==> flow/design.v <==
module ex_sum_block_rtl #(
  parameter int WIDTH = 5
) (
  input  logic CLK,
  input  logic [WIDTH-1:0] i_A,
  input  logic [WIDTH-1:0] i_B,
  input  logic i_ci,
  output logic [WIDTH-1:0] o_q,
  output logic o_cout
);
  logic [WIDTH-1:0] A_r;
  logic [WIDTH-1:0] B_r;
  logic ci_r;
  always_ff @(posedge CLK) begin
    A_r <= i_A;
    B_r <= i_B;
    ci_r <= i_ci;
  end
  logic [WIDTH:0] tmp;
  assign tmp = A_r + B_r + ci_r;
  assign o_q = tmp[WIDTH-1:0];
  assign o_cout = tmp[WIDTH];
endmodule
# From RTL to reports: ex_sum_block_rtl
# What the tools print for ex_sum_block_rtl, step after step.
# Line numbers count from 1 in the design file above.
# Not given: --
[setup]
top = "ex_sum_block_rtl"
clk_port = "CLK"
library = "sky130hd"
lib_corner = "tt_025C_1v80"

# Word level
# Source: Yosys, flattened and elaborated, memories not mapped. Widths are those after wreduce; folded enables and synchronous resets count as part of the registers. Registers that Yosys merges into a memory's read port (data or address) are not register bits. Print and check cells do not count. Equal cells are merged and count once.
[word_totals]
reg_bits = 11
output_inout_bits = 6
wordCells = 5
[classes]
n_addsub = 2
[op_table]
columns = ["op", "count"]
rows = [
  ["5-bit by 5-bit adder with 6-bit output", 1],
  ["6-bit by 1-bit adder with 6-bit output", 1],
]

# Depth
# Yosys ltp: most cells in a row. Word level: on the elaborated netlist, between registers, memories and ports. Mapped: between sequential cells and ports; inverters and the memories' decode and read muxes count.
[logic_depth]
depth_word = 2
ABC_AREA = 0
depth_mapped = 7
ltp_nobuf = 7

# Synthesis result
# Source: synth_stat.txt of the flow (Yosys; design flattened, memories mapped). It holds for the ABC_AREA given above (unset counts as 0); a run with the other value may have another netlist.
[mapped]
cells = 35
yosys_area_um2 = 419.2
seqArea_um2 = 220.2
flip_flops = 11
[by_type]
columns = ["cell", "count"]
rows = [
  ["sky130_fd_sc_hd__dfxtp_1", 11],
  ["sky130_fd_sc_hd__ha_1", 4],
  ["sky130_fd_sc_hd__fa_1", 2],
  ["sky130_fd_sc_hd__inv_1", 5],
  ["sky130_fd_sc_hd__xnor2_1", 2],
  ["sky130_fd_sc_hd__or2_1", 2],
  ["sky130_fd_sc_hd__a21oi_2", 1],
  ["sky130_fd_sc_hd__o21ai_2", 1],
  ["sky130_fd_sc_hd__xor2_1", 1],
  ["sky130_fd_sc_hd__a21o_1", 1],
  ["sky130_fd_sc_hd__nor2_1", 2],
  ["sky130_fd_sc_hd__o211ai_1", 1],
  ["sky130_fd_sc_hd__nor2b_1", 1],
  ["sky130_fd_sc_hd__a21oi_1", 1],
]

# Worst setup path after synthesis
# OpenSTA on the mapped netlist: ideal clock, no wires. The path of least setup slack (recovery checks aside). Input and output delay are each 20% of the period. Register names are those of the netlist, which keeps one name where synthesis merged equal registers.
[synth_path]
path_kind = "reg-to-output"
from = "register A_r[0]"
to = "output port o_q[4]"
period_ns = 2.27
output_delay_ns = 0.454
t_first_pin_ns = 0.000
arrival_time_ns = 1.453
required_ns = 1.816
setup_slack_ns = 0.363
delay_ns = 1.453
path_stages = 8
synth_period_reached_ns = 1.907
# "delay_ns" is the arrival time less input delay plus setup time.
# At an output port there is no setup time.
# "path_stages": output pins that drive a net of the path, with the launching flip-flop's if there is one; two outputs of one cell count as two.
# "synth_period_reached_ns" is the clock period less the worst setup slack; recovery checks do not enter. This is arithmetic on one report: input and output delays are still those of the set period (20% each).
# The rows between start and end are the longest chain of elaborated cells between them; the timing report does not say that the signal goes this way. Where chains are equally long, one stands for them.
# Each line given opens the expression or statement behind the cell; cells for indexed reads and writes are added by Yosys, which also makes memories of some case tables.
[synth_via]
path_cell_list = "sky130_fd_sc_hd__dfxtp_1 sky130_fd_sc_hd__inv_1 sky130_fd_sc_hd__fa_1 sky130_fd_sc_hd__inv_1 sky130_fd_sc_hd__fa_1 sky130_fd_sc_hd__a21o_1 sky130_fd_sc_hd__a21oi_2 sky130_fd_sc_hd__xnor2_1"
elab_chain_len = 2
cone_cells = 2
lines_between = 1
cone_classes = "add/sub: 2"
[synth_lines]
columns = ["item", "line_no", "source"]
rows = [
  ["start: declaration", 11, "logic [WIDTH-1:0] A_r;"],
  ["start: assignment", 15, "A_r <= i_A;"],
  ["5-bit by 5-bit adder with 6-bit output", 20, "assign tmp = A_r + B_r + ci_r;"],
  ["6-bit by 1-bit adder with 6-bit output", 20, ""],
  ["end: declaration", 8, "output logic [WIDTH-1:0] o_q,"],
]

# Worst path after layout
# From the final timing report of flow run A: the path of least setup slack in the routed layout; clock arrival at registers is part of the times.
[layout_path]
path_kind = "reg-to-output"
from = "register ci_r"
to = "output port o_q[4]"
period_ns = 2.27
output_delay_ns = 0.45
t_first_pin_ns = 0.25
arrival_time_ns = 1.79
required_ns = 1.82
setup_slack_ns = 0.03
path_stages = 9
# The rows between start and end are the longest chain of elaborated cells between them; the timing report does not say that the signal goes this way. Where chains are equally long, one stands for them.
[layout_via]
path_cell_list = "sky130_fd_sc_hd__dfxtp_1 sky130_fd_sc_hd__inv_2 sky130_fd_sc_hd__fa_2 sky130_fd_sc_hd__inv_1 sky130_fd_sc_hd__fa_2 sky130_fd_sc_hd__a21o_1 sky130_fd_sc_hd__a21oi_2 sky130_fd_sc_hd__xnor2_1 sky130_fd_sc_hd__buf_2"
elab_chain_len = 1
cone_cells = 1
lines_between = 1
cone_classes = "add/sub: 1"
[layout_lines]
columns = ["item", "line_no", "source"]
rows = [
  ["start: declaration", 13, "logic ci_r;"],
  ["start: assignment", 17, "ci_r <= i_ci;"],
  ["6-bit by 1-bit adder with 6-bit output", 20, "assign tmp = A_r + B_r + ci_r;"],
  ["end: declaration", 8, "output logic [WIDTH-1:0] o_q,"],
]

# Design ex_sum_block_rtl on sky130hd. What follows are 3 stored runs of the flow, each under its own settings; their order means nothing. The constraints put input and output delay at 20% of the set period each and load the outputs with 0.01 pF.
# "timing.achieved_period_ns" = clock period - worst setup slack. The figure is calculated, with input and output delays left at 20% of the set period.
# By "total_power_mw" is meant OpenSTA's value without simulated activity: inputs other than the clock are taken to toggle once in ten clock periods, and the tool carries that through the logic.

[[run]]
name = "flow run A"
[run.settings]
period_ns = 2.27
CAP_MARGIN = 20
CORE_MARGIN = 2
CORE_UTILIZATION = 40
SLEW_MARGIN = 20
[run.results]
yosys.chip_area_um2 = 419.2
die_area_um2 = 1322.8
layout_stdcell_area_um2 = 618.1
fin_ws_ns = 0.031
hold_ws_ns = 0.633
total_power_mw = 0.4126
timing.achieved_period_ns = 2.239

[[run]]
name = "flow run B"
[run.settings]
period_ns = 3.42
CORE_UTILIZATION = 49
SETUP_SLACK_MARGIN = -0.33
CELL_PAD_IN_SITES_GLOBAL_PLACEMENT = 0
CELL_PAD_IN_SITES_DETAIL_PLACEMENT = 1
TNS_END_PERCENT = 35
ABC_AREA = 0
CTS_CLUSTER_DIAMETER = 319
SLEW_MARGIN = 35
MAX_ROUTING_LAYER = "met5"
CAP_MARGIN = 20
CORE_MARGIN = 2
[run.results]
outcome = "stopped before the end: floorplanning reported PDN-0185"

[[run]]
name = "flow run C"
[run.settings]
period_ns = 1.48
CORE_UTILIZATION = 69
PLACE_DENSITY = 0.75
CORE_ASPECT_RATIO = 0.76
CORE_MARGIN = 10
TNS_END_PERCENT = 90
GPL_TIMING_DRIVEN = 0
CTS_CLUSTER_SIZE = 97
CAP_MARGIN = 35
MAX_ROUTING_LAYER = "met4"
SLEW_MARGIN = 20
[run.results]
outcome = "stopped before the end: floorplanning reported PDN-0185"
